==> flow/design.v <==
module core_cmp_rtl (core_clk, A_i, B_i, is_gt_o);
    parameter XLEN = 8;
    input core_clk;
    input [XLEN-1:0] A_i;
    input [XLEN-1:0] B_i;
    output is_gt_o;
    reg [XLEN-1:0] A_ff;
    reg [XLEN-1:0] B_ff;
    reg is_gt_ff;
    always @(posedge core_clk) begin
        A_ff <= A_i;
        B_ff <= B_i;
        is_gt_ff <= (A_ff > B_ff);
    end
    assign is_gt_o = is_gt_ff;
endmodule
Step by step through the tools: core_cmp_rtl --
The steps from the RTL of core_cmp_rtl to its reports follow in flow order. Lines are those of the file above, counted from 1. Operators: Yosys type, input widths -> output width; for muxes data width and select width s. Cell names lack the library's common part. The mark -- stands for no value.
Inputs: top module core_cmp_rtl, clock input core_clk, library sky130hd, corner tt_025C_1v80

Elaborated design --
Source: Yosys, flattened and elaborated, memories not mapped. Widths are those after wreduce; folded enables and synchronous resets count as part of the registers. Registers that Yosys merges into a memory's read port (data or address) are not register bits. Print and check cells do not count. Equal cells are merged and count once.
Storage and ports: memory cells 0, word width x clocked read ports 0, latch bits 0, register bits after elaboration 17, bits in writable memories 0, elaborated cells 4, output and inout bits 1, bits of input ports 17, memory bits (read-only) 0
Cells by class: magnitude comparators 1, $add $sub $neg 0, shift-type cells 0, mux-type cells 0, reduce/logical cells 0, equality and inequality tests 0, divide/modulo/power cells 0, multipliers 0, bitwise operators 0
Operator list (count):
- $gt 8x8->1 | 1

Depth --
Yosys ltp: most cells in a row. Word level: on the elaborated netlist, between registers, memories and ports. Mapped: between sequential cells and ports; inverters and the memories' decode and read muxes count.
Depth: depth after elaboration 1, ABC_AREA 0, gate-level depth with buffers 6

Netlist --
Source: synth_stat.txt of the flow (Yosys; design flattened, memories mapped). It holds for the ABC_AREA given above (unset counts as 0); a run with the other value may have another netlist.
Cell types:
- dfxtp_1 | count 17, area in all 340.326 µm²
- ha_1 | count 8, area in all 100.096 µm²
- inv_1 | count 8, area in all 30.029 µm²
- a21oi_1 | count 3, area in all 15.014 µm²
- nor2b_4 | count 1, area in all 13.763 µm²
- nand4_2 | count 1, area in all 12.512 µm²
- o211ai_2 | count 1, area in all 12.512 µm²
- a21oi_2 | count 1, area in all 8.758 µm²
- o22a_1 | count 1, area in all 8.758 µm²
- nand4_1 | count 1, area in all 6.256 µm²
- o21ai_0 | count 1, area in all 5.005 µm²
- nand2_1 | count 1, area in all 3.754 µm²
Mapped netlist: mapped flip-flops 17, mapped area 0.0005568 mm², cell count 44, area of sequential cells 0.0003403 mm²

Worst setup path after synthesis --
Source: OpenSTA report_checks on the synthesized netlist (no wires, ideal clock, input and output delay 20% of the period each), path of least setup slack; recovery checks are left aside. Register names are those of the netlist, which keeps one name where synthesis merged equal registers.
Timing path post-synthesis: path kind flip-flop to flip-flop, start point reg B_ff[1], end point reg is_gt_ff, required time 1333 ps, slack 286 ps, period 1450 ps, buffers on the path 0, path delay 1164 ps, driving pins on the path 7, arrival time 1047 ps, synthesis period reached 1164 ps
"path delay" is the arrival time less input delay plus setup time. "driving pins on the path": output pins that drive a net of the path, with the launching flip-flop's if there is one; two outputs of one cell count as two. "synthesis period reached" = period - worst setup slack (recovery checks aside). The figure is calculated, with input and output delays left at 20% of the set period. Between the ends stands the longest chain of elaborated cells between them, by number of cells; it is not shown to be the way that was timed. Of several equally long chains one is given. A line is the first line of the expression or statement that the cell stems from. Yosys adds cells for indexed reads and writes and turns some case tables into memories.
Between the ends, post-synthesis: cell sequence dfxtp_1 inv_1 ha_1 nor2b_4 o211ai_2 a21oi_2 o22a_1, length of the longest elaborated chain 1
Ends and longest elaborated chain, post-synthesis:
- start: declaration | line 8 | reg [XLEN-1:0] B_ff;
- start: assignment | line 12 | B_ff <= B_i;
- $gt 8x8->1 | line 13 | is_gt_ff <= (A_ff > B_ff);
- end: assignment | line 13
- end: declaration | line 9 | reg is_gt_ff;

Timing after layout --
From the final timing report of run B: the path of least setup slack in the routed layout; clock arrival at registers is part of the times. The path's times are printed in steps of 10 ps; the period is the one set.
Timing path after layout: path kind flip-flop to flip-flop, start point reg B_ff[1], end point reg is_gt_ff, slack 170 ps, buffers on the path 0, arrival time 1420 ps, driving pins on the path 7, period 1410 ps, required time 1600 ps
Between the ends stands the longest chain of elaborated cells between them, by number of cells; it is not shown to be the way that was timed. Of several equally long chains one is given.
Between the ends, after layout: cell sequence dfxtp_1 inv_1 ha_1 nor2b_4 o211ai_2 a21oi_2 o22a_1, length of the longest elaborated chain 1
Ends and longest elaborated chain, after layout:
- start: declaration | line 8 | reg [XLEN-1:0] B_ff;
- start: assignment | line 12 | B_ff <= B_i;
- $gt 8x8->1 | line 13 | is_gt_ff <= (A_ff > B_ff);
- end: assignment | line 13
- end: declaration | line 9 | reg is_gt_ff;

FLOW RESULTS
============

Record of 3 stored runs of the RTL-to-layout flow on core_cmp_rtl, platform sky130hd. The runs are unordered. Constraints: input delay and output delay 20% of the set period each, output load 0.01 pF.
[run A] settings: period_ns=1.8, CORE_UTILIZATION=63, HOLD_SLACK_MARGIN=-0.09, CORE_ASPECT_RATIO=1.05, CORE_MARGIN=6, GPL_TIMING_DRIVEN=1, SLEW_MARGIN=0, CAP_MARGIN=20
[run A] result: did not finish, floorplanning stopped with PDN-0185
[run B] settings: period_ns=1.41, CORE_UTILIZATION=16, SETUP_SLACK_MARGIN=-0.06, PLACE_DENSITY_LB_ADDON=0.2, CELL_PAD_IN_SITES_DETAIL_PLACEMENT=2, TNS_END_PERCENT=85, MAX_ROUTING_LAYER=met5, CAP_MARGIN=20, CORE_MARGIN=2, SLEW_MARGIN=20
[run B] result: chip area after synthesis (Yosys) 0.0005568 mm², die area 0.0039677 mm², utilization 24.3 %, worst setup slack after layout 173 ps, total negative slack 0 ps, worst hold slack 425 ps
[run C] settings: period_ns=1.45, CAP_MARGIN=20, CORE_MARGIN=2, CORE_UTILIZATION=40, SLEW_MARGIN=20
[run C] result: chip area after synthesis (Yosys) 0.0005568 mm², die area 0.0017065 mm², utilization 59.8 %, worst setup slack after layout 203 ps, total negative slack 0 ps, worst hold slack 434 ps
